==> flow/design.v <==
module mult_top #(
  parameter integer DWIDTH = 6,
  parameter integer GB = 8
) (
  input  aclk,
  input  ce,
  input  [DWIDTH-1:0] A_i,
  input  [DWIDTH-1:0] B_i,
  input  load_i,
  output [2*DWIDTH+GB-1:0] res_o
);
  reg [DWIDTH-1:0] A_r;
  always @(posedge aclk) begin
    if (ce) begin
      A_r <= A_i;
    end
  end
  reg [DWIDTH-1:0] B_r;
  always @(posedge aclk) begin
    if (ce) begin
      B_r <= B_i;
    end
  end
  reg load_r;
  always @(posedge aclk) begin
    if (ce) begin
      load_r <= load_i;
    end
  end
  wire [2*DWIDTH-1:0] val;
  assign val = A_r * B_r;
  reg [2*DWIDTH+GB-1:0] total;
  always @(posedge aclk) begin
    if (ce) begin
      total <= load_r ? val : total + val;
    end
  end
  assign res_o = total;
endmodule
# --- Step by step through the tools: mult_top ---
# Tool output for the design above, in the order of the flow.
# Lines are those of the file above, counted from 1.
# Cell names lack the library's common part.
setup:
  top: "mult_top"
  clk_port: "aclk"
  library: "sky130hd"
  pvt_corner: "tt_025C_1v80"

# --- Word-level counts ---
# Yosys after proc, flatten, opt, wreduce and memory -nomap, before mapping. Enables and synchronous resets that opt folds into registers are not counted as muxes. Memory bits, and registers merged into a memory's read port (data or address), are not among the register bits. Print and check cells are not counted. Equal cells are merged and count once.
word_totals:
  reg_bits: 33
  inputBits: 15
  out_inout_bits: 20
  elab_cells: 8
classes:
  addsub: 1
  mul: 1
  n_mux: 1
op_table:
  columns: ["operator", "count"]
  rows:
  - ["multiplier 6 x 6 -> 12 bit", 1]
  - ["adder 20 x 12 -> 20 bit", 1]
  - ["2-to-1 mux 12 bit", 1]

# --- Depth ---
# Depth = most cells in a row (Yosys ltp): at word level without a register or memory, in the mapped netlist without a sequential cell, where the memories' decode and read muxes count.
depth:
  ltp_word: 3
  ABC_AREA: 0
  ltp_mapped: 20
  depth_no_buf: 20

# --- After synthesis ---
# The flow's flattened synthesis, as Yosys stat reports it; memories are mapped. The netlist is that of the ABC_AREA named above (0 if unset); the other value can give another one.
types:
  columns: ["cell", "count", "area_total_um2"]
  rows:
  - ["edfxtp_1", 33, 990.95]
  - ["ha_1", 34, 425.408]
  - ["fa_1", 18, 360.346]
  - ["and2_1", 24, 150.144]
  - ["inv_1", 33, 123.869]
  - ["xnor2_1", 11, 96.342]
  - ["nand2_1", 24, 90.086]
  - ["a21oi_1", 16, 80.077]
  - ["nor2_1", 18, 67.565]
  - ["o21ai_0", 13, 65.062]
  - ["mux2_2", 4, 45.043]
  - ["nand3_1", 9, 45.043]
  - ["xor2_1", 5, 43.792]
  - ["a21o_1", 5, 37.536]
  - ["nand2b_1", 6, 37.536]
  - ["or3_1", 5, 31.28]
  - ["mux2_4", 2, 30.029]
  - ["a221oi_4", 1, 26.275]
# Not listed: further types 29, cells in them 42.
synth_totals:
  cells: 303
  yosys_area_mm2: 0.0030742
  seq_area_mm2: 0.000991
  ff_cells: 33
  buffers: 4

# --- Timing after synthesis ---
# Source: OpenSTA report_checks on the synthesized netlist (no wires, ideal clock, input and output delay 20% of the period each), path of least setup slack; recovery checks are left aside. Register names are those of the netlist, which keeps one name where synthesis merged equal registers.
synth_path:
  kind: "register to register"
  from: "register A_r[1]"
  to: "register total[13]"
  clock_period_ps: 6520
  setup_time_ps: 265
  launch_ps: 0
  arrival_ps: 4954
  t_required_ps: 6255
  path_slack_ps: 1300
  path_delay_ps: 5219
  path_stages: 19
  path_buffers: 0
  period_less_setup_slack_ps: 5220
# "path_delay_ps" = arrival - input delay + setup time.
# "path_stages": output pins that drive a net of the path, with the launching flip-flop's if there is one; two outputs of one cell count as two.
# "period_less_setup_slack_ps" is the clock period less the worst setup slack; recovery checks do not enter. This is arithmetic on one report: input and output delays are still those of the set period (20% each).
# The rows between start and end are the longest chain of elaborated cells between them; the timing report does not say that the signal goes this way. Where chains are equally long, one stands for them.
# A line is the first line of the expression or statement that the cell stems from. Yosys adds cells for indexed reads and writes and turns some case tables into memories.
synth_via:
  path_cell_list: "edfxtp_1 and2_1 fa_1 fa_1 inv_1 fa_1 inv_1 ha_1 o21ai_0 a21oi_1 or4_1 a31o_2 xor2_1 ha_1 inv_1 nor3_1 inv_1 o2111a_1 or3_1"
  elab_chain_len: 2
  cells_between: 2
  cone_lines: 2
  classes_between: "1 x add/sub; 1 x mul"
synth_lines:
  columns: ["element", "line_no", "rtl"]
  rows:
  - ["from (decl)", 12, "reg [DWIDTH-1:0] A_r;"]
  - ["from (assign)", 15, "A_r <= A_i;"]
  - ["multiplier 6 x 6 -> 12 bit", 31, "assign val = A_r * B_r;"]
  - ["adder 20 x 12 -> 20 bit", 35, "total <= load_r ? val : total + val;"]
  - ["to (assign)", 35, null]
  - ["to (decl)", 32, "reg [2*DWIDTH+GB-1:0] total;"]

# --- Path in the finished layout ---
# From the final timing report of record 3: the path of least setup slack in the routed layout; clock arrival at registers is part of the times.
# The path's times are printed in steps of 10 ps; the period is the one set.
layout_path:
  kind: "register to register"
  from: "register B_r[5]"
  to: "register total[17]"
  clock_period_ps: 6520
  setup_time_ps: 250
  launch_ps: 270
  arrival_ps: 5660
  t_required_ps: 6550
  path_slack_ps: 890
  path_stages: 19
  path_buffers: 0
# The rows between start and end are the longest chain of elaborated cells between them; the timing report does not say that the signal goes this way. Where chains are equally long, one stands for them.
layout_via:
  path_cell_list: "edfxtp_1 and2_1 fa_1 fa_1 inv_1 fa_1 inv_1 ha_1 o21ai_0 a21oi_1 or4_1 a31o_2 xor2_1 ha_1 inv_1 nor3_1 inv_1 o2111a_1 or3_1"
  elab_chain_len: 2
  cells_between: 2
  cone_lines: 2
  classes_between: "1 x add/sub; 1 x mul"
layout_lines:
  columns: ["element", "line_no", "rtl"]
  rows:
  - ["from (decl)", 18, "reg [DWIDTH-1:0] B_r;"]
  - ["from (assign)", 21, "B_r <= B_i;"]
  - ["multiplier 6 x 6 -> 12 bit", 31, "assign val = A_r * B_r;"]
  - ["adder 20 x 12 -> 20 bit", 35, "total <= load_r ? val : total + val;"]
  - ["to (assign)", 35, null]
  - ["to (decl)", 32, "reg [2*DWIDTH+GB-1:0] total;"]

# Below are 3 stored runs of the flow (Yosys, OpenROAD; platform sky130hd) on mult_top, each with its settings and what was measured, unordered. Constraints: input delay and output delay 20% of the set period each, output load 0.01 pF.
# "achievedPeriod_ps": clock period set for the run, less the worst setup slack. It is reckoned from that one timing run; input and output delays stay at 20% of the period that was set.
# By "timing.worst_path_ps" is meant the share of the clock period that the worst setup path is allowed (20% is reserved at inputs, 20% at outputs), minus its slack. Clock arrival times at its registers enter into it.
# "power_mw" rests on the timing tool's default activity at the inputs, not on a simulated workload.
# "timing.worst_path_ps" is given in steps of 10 ps.
runs:
  - name: "record 1"
    settings:
      period_ns: 3.63
      CORE_UTILIZATION: 59
      SETUP_SLACK_MARGIN: 0.82
      PLACE_DENSITY_LB_ADDON: 0.18
      CORE_ASPECT_RATIO: 1.7
      CORE_MARGIN: 6
      CELL_PAD_IN_SITES_GLOBAL_PLACEMENT: 2
      CELL_PAD_IN_SITES_DETAIL_PLACEMENT: 1
      TNS_END_PERCENT: 25
      ABC_AREA: 0
      GPL_TIMING_DRIVEN: 0
      CTS_CLUSTER_SIZE: 14
      CAP_MARGIN: 20
      SLEW_MARGIN: 20
    outcome: "no results, placement failed with FLW-0024"
  - name: "record 2"
    settings:
      period_ns: 4.25
      CORE_UTILIZATION: 67
      SETUP_SLACK_MARGIN: 0.7
      PLACE_DENSITY: 0.55
      CELL_PAD_IN_SITES_DETAIL_PLACEMENT: 1
      TNS_END_PERCENT: 75
      ABC_AREA: 1
      CTS_CLUSTER_DIAMETER: 93
      SLEW_MARGIN: 20
      MIN_ROUTING_LAYER: "met2"
      CAP_MARGIN: 20
      CORE_MARGIN: 2
    outcome: "no results, placement failed with DPL-0033"
  - name: "record 3"
    settings:
      period_ns: 6.52
      CAP_MARGIN: 20
      CORE_MARGIN: 2
      CORE_UTILIZATION: 40
      SLEW_MARGIN: 20
    results:
      setupTns_ps: 0
      synth_chip_area_mm2: 0.0030742
      timing.worst_path_ps: 5630
      worst_path_kind: "register to register"
      final_die_area_mm2: 0.0084025
      layout_utilization_pct: 49.3
      setup_ws_ps: 893
      achievedPeriod_ps: 5627
      hold_ws_ps: 680
      power_mw: 1.678
      finalCellArea_mm2: 0.0036135
